==> flow/design.v <==
module cpu_summer_stage #(
    parameter DWIDTH = 48
) (
    input  logic sys_clk,
    input  logic nrst,
    input  logic [DWIDTH-1:0] rs1_i,
    input  logic [DWIDTH-1:0] rs2_i,
    output logic [DWIDTH-1:0] o_o
);
    logic [DWIDTH-1:0] rs1_s;
    logic [DWIDTH-1:0] rs2_s;
    always_ff @(posedge sys_clk) begin
        if (~nrst) begin
            rs1_s <= 0;
            rs2_s <= 0;
        end else begin
            rs1_s <= rs1_i;
            rs2_s <= rs2_i;
        end
    end
    logic [DWIDTH:0] work;
    assign work = rs1_s + rs2_s;
    always_ff @(posedge sys_clk) begin
        if (~nrst) begin
            o_o <= 0;
        end else begin
            o_o <= work[DWIDTH] ? {DWIDTH{1'b1}} : work[DWIDTH-1:0];
        end
    end
endmodule
Tool chain data of cpu_summer_stage --
The steps from the RTL of cpu_summer_stage to its reports follow in flow order. Lines are those of the file above, counted from 1. Operators carry their Yosys type and port widths (W data, S select, Z words). Library cell names are shortened. A cell with n/a has no value.
Set-up: top module cpu_summer_stage, clock input sys_clk, standard-cell library sky130hd, corner tt_025C_1v80

Elaborated design --
Source: Yosys, flattened and elaborated, memories not mapped. Widths are those after wreduce; folded enables and synchronous resets count as part of the registers. Registers that Yosys merges into a memory's read port (data or address) are not register bits. Print and check cells do not count. Equal cells are merged and count once.
Word-level totals: bits in registers 144
Cells by class: add/subtract/negate cells 1, muxes and demuxes 1
Operators with widths (count):
- $add A48 B48 Y49 | 1
- $mux W48 | 1

Logic depth --
Yosys ltp: most cells in a row. Word level: on the elaborated netlist, between registers, memories and ports. Mapped: between sequential cells and ports; inverters and the memories' decode and read muxes count.
Depth: depth after elaboration 2, ABC_AREA 0, mapped depth 11, depth with buffers taken out 11

Mapped cells and area --
Yosys stat after the flow's synthesis: flattened, memories mapped to cells. It holds for the ABC_AREA given above (unset counts as 0); a run with the other value may have another netlist.
Cell types:
- dfxtp_1 | count 144, area in all 2.88E+03 µm²
- and2_1 | count 102, area in all 638.112 µm²
- ha_1 | count 48, area in all 600.576 µm²
- o21a_1 | count 48, area in all 360.346 µm²
- a21oi_1 | count 58, area in all 290.278 µm²
- xnor2_1 | count 24, area in all 210.202 µm²
- a21o_1 | count 21, area in all 157.651 µm²
- xor2_1 | count 17, area in all 148.893 µm²
- nand2_1 | count 38, area in all 142.637 µm²
- o21ai_0 | count 26, area in all 130.125 µm²
- nor2_1 | count 30, area in all 112.608 µm²
- clkbuf_1 | count 24, area in all 90.086 µm²
- nand4_1 | count 13, area in all 81.328 µm²
- a31oi_1 | count 12, area in all 75.072 µm²
- o21bai_1 | count 8, area in all 60.058 µm²
- nor2b_1 | count 8, area in all 50.048 µm²
- nor3_1 | count 10, area in all 50.048 µm²
- a211oi_1 | count 6, area in all 45.043 µm²
Other cell types: 39; their cells: 80.
Synthesis totals: cell count 717, chip area (Yosys) 6722.7 µm², flip-flop cells 144, buffers 33

Worst setup path after synthesis --
OpenSTA on the mapped netlist: ideal clock, no wires. The path of least setup slack (recovery checks aside). Input and output delay are each 20% of the period. Register names are those of the netlist, which keeps one name where synthesis merged equal registers.
Path post-synthesis: kind reg2reg, start point register rs1_s[0], end point register o_o[44], clock period 3350 ps, setup time 117 ps, time at the first pin 0 ps, arrival time 2562 ps, data required time 3233 ps, setup slack 671 ps, path delay 2679 ps, stages 12, period reached after synthesis 2679 ps
"path delay" = arrival - input delay + setup time. "stages" counts driving pins, that of a launching flip-flop among them; a cell with two outputs on the path counts twice. "period reached after synthesis" = period - worst setup slack (recovery checks aside). The figure is calculated, with input and output delays left at 20% of the set period. The rows between start and end are the longest chain of elaborated cells between them; the timing report does not say that the signal goes this way. Where chains are equally long, one stands for them. Each line given opens the expression or statement behind the cell; cells for indexed reads and writes are added by Yosys, which also makes memories of some case tables.
On the way, post-synthesis: cells stage by stage dfxtp_1 ha_1 fa_1 a21oi_1 o211ai_1 nand3_1 nand4b_1 a211oi_2 a21oi_1 or4_1 a31oi_1 nor2b_1, length of the longest elaborated chain 2, elaborated cells between the ends (all ways) 2, source lines of those cells 2, classes of those cells add/sub: 1; mux: 1
RTL lines, path post-synthesis:
- start: declaration | line 10 | logic [DWIDTH-1:0] rs1_s;
- start: assignment | line 14 | rs1_s <= 0;
- start: assignment | line 17 | rs1_s <= rs1_i;
- $add A48 B48 Y49 | line 22 | assign work = rs1_s + rs2_s;
- $mux W48 | line 27 | o_o <= work[DWIDTH] ? {DWIDTH{1'b1}} : work[DWIDTH-1:0];
- end: assignment | line 25 | o_o <= 0;
- end: assignment | line 27
- end: declaration | line 8 | output logic [DWIDTH-1:0] o_o

Timing after layout --
Path of least setup slack in the final report of flow run 1 (OpenROAD, finished layout, wires in). Where an end is a register, its clock arrival counts in the times. The path's times are printed in steps of 10 ps; the period is the one set.
Path after layout: kind reg2reg, start point register rs1_s[0], end point register o_o[4], clock period 3350 ps, setup time 110 ps, time at the first pin 420 ps, arrival time 3430 ps, data required time 3660 ps, setup slack 220 ps, stages 12
The rows between start and end are the longest chain of elaborated cells between them; the timing report does not say that the signal goes this way. Where chains are equally long, one stands for them.
On the way, after layout: cells stage by stage dfxtp_1 ha_1 fa_1 a21oi_1 o211ai_1 nand3_1 nand4b_1 a211oi_4 a211o_1 a21oi_4 buf_12 o21a_1, length of the longest elaborated chain 2, elaborated cells between the ends (all ways) 2, source lines of those cells 2, classes of those cells add/sub: 1; mux: 1
RTL lines, path after layout:
- start: declaration | line 10 | logic [DWIDTH-1:0] rs1_s;
- start: assignment | line 14 | rs1_s <= 0;
- start: assignment | line 17 | rs1_s <= rs1_i;
- $add A48 B48 Y49 | line 22 | assign work = rs1_s + rs2_s;
- $mux W48 | line 27 | o_o <= work[DWIDTH] ? {DWIDTH{1'b1}} : work[DWIDTH-1:0];
- end: assignment | line 25 | o_o <= 0;
- end: assignment | line 27
- end: declaration | line 8 | output logic [DWIDTH-1:0] o_o

## Implementation results

Top module cpu_summer_stage; platform sky130hd; tools Yosys and OpenROAD; 3 stored runs in no particular order. Input and output delays are each 20% of the period that was set; the output load is 0.01 pF.
By "achieved period" is meant the clock period of the run minus its worst setup slack. This is arithmetic on one report: input and output delays are still those of the set period (20% each).
"power": no workload was simulated; the value follows from the tool's default switching activity.

* Flow run 1 | settings: period_ns 3.35; CAP_MARGIN 20; CORE_MARGIN 2; CORE_UTILIZATION 40; SLEW_MARGIN 20 | results: mapped cell area after synthesis 6,722.7 µm²; total die area 17,859.6 µm²; standard-cell area after layout 8,987.4 µm²; utilization after layout 54.4 %; lowest setup slack 225 ps; final setup TNS 0 ps; worst hold slack in the final report 566 ps; power 0.004498 W; achieved period 3,125 ps
* Flow run 2 | settings: period_ns 2.24; CORE_UTILIZATION 70; PLACE_DENSITY 0.43; CELL_PAD_IN_SITES_GLOBAL_PLACEMENT 1; CELL_PAD_IN_SITES_DETAIL_PLACEMENT 1; TNS_END_PERCENT 25; ABC_AREA 1; GPL_TIMING_DRIVEN 1; CTS_CLUSTER_DIAMETER 283; MIN_ROUTING_LAYER met1; CAP_MARGIN 20; CORE_MARGIN 2; SLEW_MARGIN 20 | not finished: placement ended with error GPL-0301
* Flow run 3 | settings: period_ns 3.18; CORE_UTILIZATION 32; SETUP_SLACK_MARGIN 0.71; PLACE_DENSITY 0.74; CORE_ASPECT_RATIO 1.92; CELL_PAD_IN_SITES_GLOBAL_PLACEMENT 2; CELL_PAD_IN_SITES_DETAIL_PLACEMENT 2; GPL_TIMING_DRIVEN 0; CAP_MARGIN 35; MIN_ROUTING_LAYER met2; CORE_MARGIN 2; SLEW_MARGIN 20 | results: mapped cell area after synthesis 6,722.7 µm²; total die area 22,246.6 µm²; standard-cell area after layout 9,596.7 µm²; utilization after layout 46.5 %; lowest setup slack 194 ps; final setup TNS 0 ps; worst hold slack in the final report 627 ps; power 0.005242 W; achieved period 2,986 ps
